==> flow/design.v <==
module ex_times_blk #(
  parameter DW = 12,
  parameter SCALE = 25,
  parameter RES_W = DW + $clog2(SCALE + 1)
) (
  input wire core_clk,
  input wire RSTN,
  input wire adv,
  input wire [DW-1:0] in_lhs,
  output reg [RES_W-1:0] out_prod
);
  reg [DW-1:0] lhs_d1;
  reg [RES_W-1:0] cur;
  integer t;
  always @(*) begin
    cur = 0;
    for (t = 0; t < RES_W - DW; t = t + 1)
      if ((SCALE >> t) & 1) cur = cur + (lhs_d1 << t);
  end
  always @(posedge core_clk) begin
    if (~RSTN) begin
      lhs_d1 <= 0;
      out_prod <= 0;
    end else if (adv) begin
      lhs_d1 <= in_lhs;
      out_prod <= cur;
    end
  end
endmodule
== From RTL to reports: ex_times_blk ==
What the tools print for ex_times_blk, step after step.
Lines are those of the file above, counted from 1.
Cell names lack the library's common part.
A cell with -- has no value.

* Top: ex_times_blk
* Clock port: core_clk
* Library: sky130hd
* Corner: tt_025C_1v80

== Word-level counts ==
Counts by Yosys on the flattened word-level netlist (proc, flatten, opt, wreduce; memories kept). Register bits leave out memories and registers merged into their read ports (data or address); mux counts leave out enables and synchronous resets folded into registers. Print and check cells are left out. Cells with the same type and inputs are merged into one.

* Divide/modulo/power cells: 0
* $mul: 0
* Reduce/logical cells: 0
* Shift-type cells: 0
* Bitwise logic cells: 0
* Add/sub/neg operators: 2
* Magnitude comparators: 0
* Mux-type cells: 0
* Equal/unequal tests: 0

{| class="wikitable"
|+ Operator list
! kind !! number
|-
| 16-bit by 16-bit adder with 17-bit output || 1
|-
| 12-bit by 15-bit adder with 16-bit output || 1
|}

* Output and inout bits: 17
* Memories kept: 0
* Input bits: 15
* RAM bits: 0
* Bits in registers: 29
* Word width x clocked read ports: 0
* Elaborated cells: 4
* Bits in latches: 0
* Bits in read-only memories: 0

== Depth ==
Longest topological path by Yosys (ltp), each cell counted once; first at word level (registers and memories cut), then after technology mapping (sequential cells cut; the memories' decode and read muxes count).

* Word-level depth: 2
* ABC_AREA: 0
* Mapped depth: 10

== Synthesis result ==
The flow's flattened synthesis, as Yosys stat reports it; memories are mapped. The netlist is that of the ABC_AREA named above (0 if unset); the other value can give another one.

{| class="wikitable"
|+ Cell types
! cell !! number
|-
| dfxtp_1 || 29
|-
| ha_1 || 17
|-
| mux2i_1 || 21
|-
| fa_1 || 9
|-
| nor2_1 || 28
|-
| a21oi_1 || 10
|-
| a211oi_1 || 6
|-
| o21ai_0 || 9
|-
| inv_1 || 8
|-
| a221oi_4 || 1
|-
| nand4_1 || 4
|-
| nand2_1 || 6
|-
| a41o_1 || 2
|-
| or3_1 || 3
|-
| xnor2_1 || 2
|-
| a21o_1 || 2
|-
| nand3_1 || 3
|-
| o211ai_1 || 2
|}

Other cell types: 21; their cells: 25.

* Buffer cells: 7
* Chip area (Yosys): 0.0017967 mm2
* Mapped cells: 187
* Area of sequential cells: 0.0005806 mm2
* Flip-flops: 29

== Path before layout ==
Source: OpenSTA report_checks on the synthesized netlist (no wires, ideal clock, input and output delay 20% of the period each), path of least setup slack; recovery checks are left aside. Register names are those of the netlist, which keeps one name where synthesis merged equal registers.

* Kind: register to register
* Start point: register lhs_d1[4]
* End point: register out_prod[14]
* Delay of the path: 2.691 ns
* Clock period: 3.36 ns
* Stages: 11
* Data arrival time: 2.632 ns
* Slack: 0.669 ns
* Launch time at the first pin: 0.000 ns
* Synthesis period reached: 2.691 ns

"delay of the path" = arrival - input delay + setup time.
"stages": output pins that drive a net of the path, with the launching flip-flop's if there is one; two outputs of one cell count as two.
"synthesis period reached" = period - worst setup slack (recovery checks aside). The figure is calculated, with input and output delays left at 20% of the set period.
Between the ends stands the longest chain of elaborated cells between them, by number of cells; it is not shown to be the way that was timed. Of several equally long chains one is given.
Each line given opens the expression or statement behind the cell; cells for indexed reads and writes are added by Yosys, which also makes memories of some case tables.

* Path through: dfxtp_1 -> inv_1 -> fa_1 -> inv_1 -> ha_1 -> fa_1 -> a211oi_1 -> o21ai_0 -> nand4_1 -> mux2_2 -> nand2_1
* Length of the longest elaborated chain: 2
* Elaborated cells between the ends (all ways): 2
* Those cells by class: add/sub (2)

{| class="wikitable"
|+ Ends and longest elaborated chain, post-synthesis
! what !! RTL line !! text
|-
| start: declaration || 12 || <nowiki>reg [DW-1:0] lhs_d1;</nowiki>
|-
| start: assignment || 22 || <nowiki>lhs_d1 <= 0;</nowiki>
|-
| start: assignment || 25 || <nowiki>lhs_d1 <= in_lhs;</nowiki>
|-
| 12-bit by 15-bit adder with 16-bit output || 18 || <nowiki>if ((SCALE >> t) & 1) cur = cur + (lhs_d1 << t);</nowiki>
|-
| 16-bit by 16-bit adder with 17-bit output || 18 ||
|-
| end: assignment || 23 || <nowiki>out_prod <= 0;</nowiki>
|-
| end: assignment || 26 || <nowiki>out_prod <= cur;</nowiki>
|-
| end: declaration || 10 || <nowiki>output reg [RES_W-1:0] out_prod</nowiki>
|}

== Timing after layout ==
From the final timing report of job 1: the path of least setup slack in the routed layout; clock arrival at registers is part of the times.

* Kind: register to register
* Start point: register lhs_d1[1]
* End point: register out_prod[14]
* Launch time at the first pin: 0.29 ns
* Data arrival time: 2.93 ns
* Stages: 11
* Slack: -0.43 ns
* Clock period: 2.26 ns

Between the ends stands the longest chain of elaborated cells between them, by number of cells; it is not shown to be the way that was timed. Of several equally long chains one is given.

* Path through: dfxtp_4 -> inv_2 -> fa_1 -> inv_1 -> ha_2 -> fa_2 -> a211oi_4 -> o21ai_2 -> nand4_1 -> mux2_4 -> nand2_2
* Length of the longest elaborated chain: 2
* Elaborated cells between the ends (all ways): 2
* Those cells by class: add/sub (2)

{| class="wikitable"
|+ Ends and longest elaborated chain, post-layout
! what !! RTL line !! text
|-
| start: declaration || 12 || <nowiki>reg [DW-1:0] lhs_d1;</nowiki>
|-
| start: assignment || 22 || <nowiki>lhs_d1 <= 0;</nowiki>
|-
| start: assignment || 25 || <nowiki>lhs_d1 <= in_lhs;</nowiki>
|-
| 12-bit by 15-bit adder with 16-bit output || 18 || <nowiki>if ((SCALE >> t) & 1) cur = cur + (lhs_d1 << t);</nowiki>
|-
| 16-bit by 16-bit adder with 17-bit output || 18 ||
|-
| end: assignment || 23 || <nowiki>out_prod <= 0;</nowiki>
|-
| end: assignment || 26 || <nowiki>out_prod <= cur;</nowiki>
|-
| end: declaration || 10 || <nowiki>output reg [RES_W-1:0] out_prod</nowiki>
|}

FLOW RESULTS
============

Settings and measured results of 3 stored flow runs for module ex_times_blk (sky130hd), not sorted in any way. The constraints put input and output delay at 20% of the set period each and load the outputs with 0.01 pF.
"achieved clock period" means the clock period less the worst setup slack. The figure is calculated, with input and output delays left at 20% of the set period.
"overall power" is the tool's figure for a default switching activity; nothing was simulated.

=== Job 1 ===
{| class="wikitable"
! Setting !! Value
|-
| period_ns || 2.26
|-
| CORE_UTILIZATION || 35
|-
| PLACE_DENSITY_LB_ADDON || 0.02
|-
| HOLD_SLACK_MARGIN || 0.03
|-
| CORE_MARGIN || 7
|-
| CELL_PAD_IN_SITES_GLOBAL_PLACEMENT || 0
|-
| CELL_PAD_IN_SITES_DETAIL_PLACEMENT || 2
|-
| GPL_TIMING_DRIVEN || 0
|-
| CTS_CLUSTER_SIZE || 96
|-
| MAX_ROUTING_LAYER || met4
|-
| CAP_MARGIN || 20
|-
| SLEW_MARGIN || 20
|-
! Result !! Value
|-
| Sum of negative setup slack || -2.462 ns
|-
| Overall die area || 0.0073359 mm2
|-
| Area of the synthesized netlist || 0.0017967 mm2
|-
| Achieved clock period || 2.686 ns
|-
| Lowest setup slack || -0.426 ns
|-
| Overall power || 1789 uW
|-
| Standard-cell area after layout || 0.00263 mm2
|}

=== Job 2 ===
{| class="wikitable"
! Setting !! Value
|-
| period_ns || 3.36
|-
| CAP_MARGIN || 20
|-
| CORE_MARGIN || 2
|-
| CORE_UTILIZATION || 40
|-
| SLEW_MARGIN || 20
|-
! Result !! Value
|-
| Sum of negative setup slack || 0.000 ns
|-
| Achieved clock period || 2.939 ns
|-
| Area of the synthesized netlist || 0.0017967 mm2
|-
| Standard-cell area after layout || 0.0022997 mm2
|-
| Lowest setup slack || 0.421 ns
|-
| Overall power || 1059 uW
|-
| Overall die area || 0.0050438 mm2
|}

=== Job 3 ===
{| class="wikitable"
! Setting !! Value
|-
| period_ns || 3.78
|-
| CORE_UTILIZATION || 16
|-
| SETUP_SLACK_MARGIN || 0.44
|-
| PLACE_DENSITY_LB_ADDON || 0.16
|-
| CORE_ASPECT_RATIO || 0.52
|-
| CELL_PAD_IN_SITES_DETAIL_PLACEMENT || 0
|-
| TNS_END_PERCENT || 15
|-
| GPL_TIMING_DRIVEN || 0
|-
| GPL_ROUTABILITY_DRIVEN || 1
|-
| CAP_MARGIN || 25
|-
| CORE_MARGIN || 2
|-
| SLEW_MARGIN || 20
|-
! Result !! Value
|-
| Standard-cell area after layout || 0.0024361 mm2
|-
| Overall power || 992.2 uW
|-
| Overall die area || 0.012139 mm2
|-
| Area of the synthesized netlist || 0.0017967 mm2
|-
| Sum of negative setup slack || 0.000 ns
|-
| Lowest setup slack || 0.653 ns
|-
| Achieved clock period || 3.127 ns
|}
